==> flow/design.v <==
module gen_muxn #(
   parameter int DW = 20,
   parameter int NUM = 5
) (
   input logic clk,
   input logic [NUM*DW-1:0] in,
   input logic [NUM-1:0] choose,
   output logic [DW-1:0] o
);
   logic [DW-1:0] t;
   always_comb begin
      t = 0;
      for (int k = 0; k < NUM; k++)
         t = t | (in[k*DW +: DW] & {DW{choose[k]}});
   end
   always_ff @(posedge clk) begin
      o <= t;
   end
endmodule
## From RTL to reports: gen_muxn

The steps from the RTL of gen_muxn to its reports follow in flow order.
Lines are those of the file above, counted from 1.
The mark n/a stands for no value.

- Top module: gen_muxn
- Clock: clk
- Library: sky130hd
- Library corner: tt_025C_1v80

## After elaboration

Source: Yosys, flattened and elaborated, memories not mapped. Widths are those after wreduce; folded enables and synchronous resets count as part of the registers. Registers that Yosys merges into a memory's read port (data or address) are not register bits. Print and check cells do not count. Equal cells are merged and count once.

- Elaborated cells: 10
- Flip-flop bits (word level): 20

- Bitwise logic cells: 9

Operators by type and width:

| kind | count |
|---|---|
| bitwise AND 20 bit | 5 |
| bitwise OR 20 bit | 4 |

## Longest topological paths

Longest topological path by Yosys (ltp), each cell counted once; first at word level (registers and memories cut), then after technology mapping (sequential cells cut; the memories' decode and read muxes count).

- Depth in word-level cells: 5
- ABC_AREA: 0
- Mapped depth: 3

## Synthesis result

The flow's flattened synthesis, as Yosys stat reports it; memories are mapped. The netlist is that of the ABC_AREA named above (0 if unset); the other value can give another one.

Cells by type:

| type | count | total area (µm²) |
|---|---|---|
| sky130_fd_sc_hd__dfxtp_1 | 20 | 400.384 |
| sky130_fd_sc_hd__a222oi_1 | 20 | 200.192 |
| sky130_fd_sc_hd__a22oi_1 | 20 | 150.144 |
| sky130_fd_sc_hd__nand2_1 | 20 | 75.072 |
| sky130_fd_sc_hd__buf_2 | 6 | 30.029 |
| sky130_fd_sc_hd__buf_6 | 2 | 22.522 |
| sky130_fd_sc_hd__buf_4 | 2 | 15.014 |

- Buffers: 10
- Flip-flop cells: 20
- Cell area after synthesis: 893.4 µm²
- Standard cells after synthesis: 90

## Worst setup path after synthesis

Source: OpenSTA report_checks on the synthesized netlist (no wires, ideal clock, input and output delay 20% of the period each), path of least setup slack; recovery checks are left aside. Register names are those of the netlist, which keeps one name where synthesis merged equal registers.

- Kind: in2reg
- Start: input port (name not given)
- End: register o[0]
- Library setup time: 0.127 ns
- Slack: 0.153 ns
- External input delay: 0.191 ns
- Delay of the path: 0.612 ns
- Stages on the path: 3
- Period: 0.956 ns
- Time at the first pin: 0.191 ns
- Arrival time: 0.676 ns
- Required time: 0.829 ns
- Synthesis period reached: 0.803 ns

"delay of the path" = arrival - input delay + setup time.
"stages on the path": output pins that drive a net of the path, with the launching flip-flop's if there is one; two outputs of one cell count as two.
"synthesis period reached" = period - worst setup slack (recovery checks aside). The figure is calculated, with input and output delays left at 20% of the set period.
Between the ends stands the longest chain of elaborated cells between them, by number of cells; it is not shown to be the way that was timed. Of several equally long chains one is given.
A line is the first line of the expression or statement that the cell stems from. Yosys adds cells for indexed reads and writes and turns some case tables into memories.

- Path through: sky130_fd_sc_hd__buf_4 -> sky130_fd_sc_hd__a222oi_1 -> sky130_fd_sc_hd__nand2_1
- Cells in the longest elaborated chain: 2
- Elaborated cells on any way between the ends: 2
- Source lines of those cells: 1
- Classes of those cells: 2 x logic

Ends and longest elaborated chain, after synthesis:

| element | RTL line | RTL |
|---|---|---|
| start, declared | 7 |  |
| bitwise AND 20 bit | 14 |  |
| bitwise OR 20 bit | 14 |  |
| end, assigned | 17 | `o <= t;` |
| end, declared | 8 | `output logic [DW-1:0] o` |

## Path in the finished layout

Path of least setup slack in the final report of run 2 (OpenROAD, finished layout, wires in). Where an end is a register, its clock arrival counts in the times.

- Kind: reg2out
- Start: register o[19]
- End: output port o[19]
- Time at the first pin: 0.31 ns
- Slack: -0.27 ns
- Arrival time: 0.76 ns
- Required time: 0.49 ns
- Stages on the path: 2
- Period: 0.617 ns

- Path through: sky130_fd_sc_hd__dfxtp_1 -> sky130_fd_sc_hd__buf_2
- Cells in the longest elaborated chain: 0
- Elaborated cells on any way between the ends: 0
- Source lines of those cells: 0

Ends and longest elaborated chain, post-layout:

| element | RTL line | RTL |
|---|---|---|
| start, declared | 8 | `output logic [DW-1:0] o` |
| start, assigned | 17 | `o <= t;` |
| end, declared | 8 |  |

## Implementation results

Measured results for gen_muxn: 3 stored runs of the Yosys and OpenROAD flow on sky130hd. The settings differ; the order carries no meaning. The constraints put input and output delay at 20% of the set period each and load the outputs with 0.01 pF.
"clock period achieved": clock period set for the run, less the worst setup slack. It is reckoned from that one timing run; input and output delays stay at 20% of the period that was set.
By "allowed time less slack (worst setup path)" is meant the share of the clock period that the worst setup path is allowed (20% is reserved at inputs, 20% at outputs), minus its slack. Clock arrival times at its registers enter into it.
"total power after layout": no workload was simulated; the value follows from the tool's default switching activity.

### Run 1

Settings: `period_ns=0.956`, `CAP_MARGIN=20`, `CORE_MARGIN=2`, `CORE_UTILIZATION=40`, `SLEW_MARGIN=20`

Incomplete, placement halted on GPL-0301.

### Run 2

Settings: `period_ns=0.617`, `CORE_UTILIZATION=27`, `PLACE_DENSITY_LB_ADDON=0.05`, `TNS_END_PERCENT=100`, `GPL_TIMING_DRIVEN=1`, `GPL_ROUTABILITY_DRIVEN=1`, `CTS_CLUSTER_SIZE=16`, `CTS_CLUSTER_DIAMETER=290`, `CAP_MARGIN=20`, `SLEW_MARGIN=25`, `MIN_ROUTING_LAYER=met1`, `CORE_MARGIN=2`

- Yosys chip area after synthesis: 893.4 µm²
- Overall die area: 3784.7 µm²
- Standard-cell area after routing: 2264.7 µm²
- Post-route utilization: 0.73
- Setup slack of the worst path: -0.271 ns
- Summed negative setup slack: -5.101 ns
- Smallest hold slack: 0.098 ns
- Total power after layout: 3.338 mW
- Clock period achieved: 0.888 ns
- Allowed time less slack (worst setup path): 0.76 ns
- Critical path type: reg2out

### Run 3

Settings: `period_ns=0.944`, `CORE_UTILIZATION=63`, `SETUP_SLACK_MARGIN=-0.05`, `PLACE_DENSITY_LB_ADDON=0.1`, `CORE_ASPECT_RATIO=1.1`, `CELL_PAD_IN_SITES_DETAIL_PLACEMENT=2`, `ABC_AREA=0`, `GPL_ROUTABILITY_DRIVEN=0`, `CTS_CLUSTER_SIZE=40`, `CTS_CLUSTER_DIAMETER=273`, `CAP_MARGIN=20`, `CORE_MARGIN=2`, `SLEW_MARGIN=20`

Incomplete, placement halted on FLW-0024.
